==> flow/design.v <==
module mem_rtl #(
  parameter NWORDS = 4,
  parameter NBITS = 12,
  parameter AW = $clog2(NWORDS)
) (
  input CLK,
  input wen,
  input [AW-1:0] waddr,
  input [NBITS-1:0] d,
  input [AW-1:0] raddr_a,
  input [AW-1:0] raddr_b,
  output reg [NBITS-1:0] dout_a,
  output reg [NBITS-1:0] dout_b
);
  reg [NBITS-1:0] array [0:NWORDS-1];
  always @(posedge CLK) begin
    if (wen)
      array[waddr] <= d;
  end
  always @(posedge CLK) begin
    dout_a <= array[raddr_a];
    dout_b <= array[raddr_b];
  end
endmodule
Lab notebook: mem_rtl

### From RTL to reports: mem_rtl

A sweep over "NWORDS": the same steps for each member of the family.
The RTL above is that of NWORDS=4; lines are counted from 1 in the file of the member named.
Operators: Yosys type, input widths -> output width; for muxes data width and select width s.
Library cell names are shortened.
A cell with - has no value.

* design top: mem_rtl
* clock: CLK
* standard-cell library: sky130hd
* corner: tt_025C_1v80

### Members of the sweep

New or changed lines of each further member against the RTL above, in its own file; lines it lacks are not shown.

Lines new or changed
* NWORDS 16: RTL line 2 `parameter NWORDS = 16,`
* NWORDS 40: RTL line 2 `parameter NWORDS = 40,`

### Elaborated design

Source: Yosys, flattened and elaborated, memories not mapped. Widths are those after wreduce; folded enables and synchronous resets count as part of the registers. Registers that Yosys merges into a memory's read port (data or address) are not register bits. Print and check cells do not count. Equal cells are merged and count once.
Yosys's memory passes give these memory sizes; they may raise the number of words (mostly to a power of two), join words into wider ones and drop unused or constant bits.

Operators by class (mux-type cells)
* NWORDS 4: 3
* NWORDS 16: 3
* NWORDS 40: 3

Operators with widths (kind and count)
* NWORDS 4: $mux 12: 1; $mux 2: 1; $mux 1: 1
* NWORDS 16: $mux 12: 1; $mux 4: 1; $mux 1: 1
* NWORDS 40: $mux 12: 1; $mux 6: 1; $mux 1: 1

Storage and ports
* NWORDS 4: bits in registers 0, RAM bits 48, clocked read ports x word width 24, memory cells 1, output and inout port bits 24
* NWORDS 16: bits in registers 0, RAM bits 192, clocked read ports x word width 24, memory cells 1, output and inout port bits 24
* NWORDS 40: bits in registers 0, RAM bits 480, clocked read ports x word width 24, memory cells 1, output and inout port bits 24

Memories (words x width with read and write ports)
* NWORDS 4: array 4x12 r2 w1
* NWORDS 16: array 16x12 r2 w1
* NWORDS 40: array 40x12 r2 w1

### Longest topological paths

Longest topological path by Yosys (ltp), each cell counted once; first at word level (registers and memories cut), then after technology mapping (sequential cells cut; the memories' decode and read muxes count).

Logic depth
* NWORDS 4: depth in word-level cells 1, ABC_AREA 0, gate-level depth with buffers 2, depth with buffers taken out 1
* NWORDS 16: depth in word-level cells 1, ABC_AREA 0, gate-level depth with buffers 5, depth with buffers taken out 3
* NWORDS 40: depth in word-level cells 1, ABC_AREA 0, gate-level depth with buffers 8, depth with buffers taken out 5

### After synthesis

The flow's flattened synthesis, as Yosys stat reports it; memories are mapped. The netlist is that of the ABC_AREA named above (0 if unset); the other value can give another one.

Mapped netlist
* NWORDS 4: cell count 104, synthesis area 0.0025412 mm², sequential part of the area 0.0019218 mm², flip-flops 72
* NWORDS 16: cell count 443, synthesis area 0.0093239 mm², sequential part of the area 0.006246 mm², flip-flops 216
* NWORDS 40: cell count 1463, synthesis area 0.0239442 mm², sequential part of the area 0.0148943 mm², flip-flops 504

Cells by type (type and count)
* NWORDS 4: edfxtp_1: 48; dfxtp_1: 24; mux4_2: 20; mux4_1: 4; buf_6: 2; and3b_1: 2; buf_2: 2; nor3b_1: 1; and3_1: 1
* NWORDS 16: edfxtp_1: 192; mux4_2: 66; mux4_1: 30; dfxtp_1: 24; a22oi_1: 48; nand2_1: 25; buf_12: 4; nor2_1: 14; buf_2: 10; clkbuf_1: 12; nor2b_1: 4; buf_6: 2; nor3_1: 4; nand3b_1: 2; and2_1: 2; nand2b_1: 2; or3b_1: 1; nand3_1: 1
* NWORDS 40: edfxtp_1: 480; mux2i_1: 384; mux4_2: 48; a221oi_2: 48; a22oi_1: 96; dfxtp_1: 24; a22o_1: 48; o41ai_2: 24; mux2_2: 24; a21oi_1: 48; buf_4: 22; nor2_1: 43; clkbuf_1: 42; buf_8: 10; o22ai_1: 24; buf_6: 12; nand2_1: 33; buf_2: 15; [+38]

The mark [+n] counts cells that are not listed.

### Worst setup path after synthesis

Path of least setup slack by OpenSTA after synthesis, without wires, with an ideal clock, recovery checks aside; 20% of the period is set as input and as output delay. Where synthesis merged equal registers, the netlist keeps one of their names.

Timing post-synthesis
* NWORDS 4: path kind in2reg, start input waddr[0], end memory array[0][0], clock period 2.13 ns, slack 0.339 ns, stages on the path 1, path delay 1.365 ns, synthesis period reached 1.791 ns
* NWORDS 16: path kind in2reg, start input waddr[2], end memory array[0][0], clock period 2.65 ns, slack 0.420 ns, stages on the path 2, path delay 1.699 ns, synthesis period reached 2.23 ns
* NWORDS 40: path kind in2reg, start input waddr[3], end memory array[0][0], clock period 2.78 ns, slack 0.446 ns, stages on the path 3, path delay 1.778 ns, synthesis period reached 2.334 ns

"path delay" = arrival - input delay + setup time.
"stages on the path" counts driving pins, that of a launching flip-flop among them; a cell with two outputs on the path counts twice.
"synthesis period reached" is the clock period less the worst setup slack; recovery checks do not enter. This is arithmetic on one report: input and output delays are still those of the set period (20% each).
Between the ends stands the longest chain of elaborated cells between them, by number of cells; it is not shown to be the way that was timed. Of several equally long chains one is given.
A line is the first line of the expression or statement that the cell stems from. Yosys adds cells for indexed reads and writes and turns some case tables into memories.

Between the ends, post-synthesis, NWORDS=4:
* length of the longest elaborated chain: 1

Ends and longest elaborated chain, post-synthesis, NWORDS=4
* start: declaration: RTL line 8 `input [AW-1:0] waddr,`
* $mux 2: RTL line 17 `if (wen)`
* end: declaration: RTL line 15 `reg [NBITS-1:0] array [0:NWORDS-1];`

Between the ends, post-synthesis, NWORDS=40:
* length of the longest elaborated chain: 1

Ends and longest elaborated chain, post-synthesis, NWORDS=40
* start: declaration: RTL line 8 `input [AW-1:0] waddr,`
* $mux 6: RTL line 17 `if (wen)`
* end: declaration: RTL line 15 `reg [NBITS-1:0] array [0:NWORDS-1];`

### Path in the finished layout

From the final timing report of each member's run: the path of least setup slack in the routed layout; clock arrival at registers is part of the times.

Timing post-layout
* NWORDS 4: path kind reg2out, start register dout_a[2], end output dout_a[2], clock period 2.13 ns, slack 0.50 ns, stages on the path 2, data arrival time 1.21 ns
* NWORDS 16: path kind reg2out, start register dout_a[5], end output dout_a[5], clock period 2.65 ns, slack 0.71 ns, stages on the path 2, data arrival time 1.41 ns
* NWORDS 40: path kind in2reg, start input raddr_a[1], end register dout_a[4], clock period 2.78 ns, slack 0.24 ns, stages on the path 8, data arrival time 3.00 ns

### Flow runs

One run of the flow (Yosys, OpenROAD) for each member, with settings and measured results. Input and output delays are each 20% of the period that was set; the output load is 0.01 pF.

* CAP_MARGIN: 20
* CORE_MARGIN: 2
* CORE_UTILIZATION: 40
* SLEW_MARGIN: 20

Settings that differ (period_ns)
* NWORDS 4: 2.13
* NWORDS 16: 2.65
* NWORDS 40: 2.78

Results
* NWORDS 4: netlist area reported by Yosys 0.0025412 mm², die size 0.0070065 mm², standard-cell area after layout 0.0033457 mm², final design utilization 53.6%, worst setup slack after layout 0.496 ns, total negative slack on setup checks 0.000 ns, lowest hold slack 0.578 ns, power consumption 3.065 mW, clock period achieved 1.634 ns
* NWORDS 16: netlist area reported by Yosys 0.0093239 mm², die size 0.0245471 mm², standard-cell area after layout 0.0111107 mm², final design utilization 48.8%, worst setup slack after layout 0.709 ns, total negative slack on setup checks 0.000 ns, lowest hold slack 0.645 ns, power consumption 7.677 mW, clock period achieved 1.941 ns
* NWORDS 40: netlist area reported by Yosys 0.0239442 mm², die size 0.0618343 mm², standard-cell area after layout 0.0289415 mm², final design utilization 48.9%, worst setup slack after layout 0.240 ns, total negative slack on setup checks 0.000 ns, lowest hold slack 0.648 ns, power consumption 17.960 mW, clock period achieved 2.540 ns

"clock period achieved" means the clock period less the worst setup slack. The figure is calculated, with input and output delays left at 20% of the set period.
"power consumption": no workload was simulated; the value follows from the tool's default switching activity.
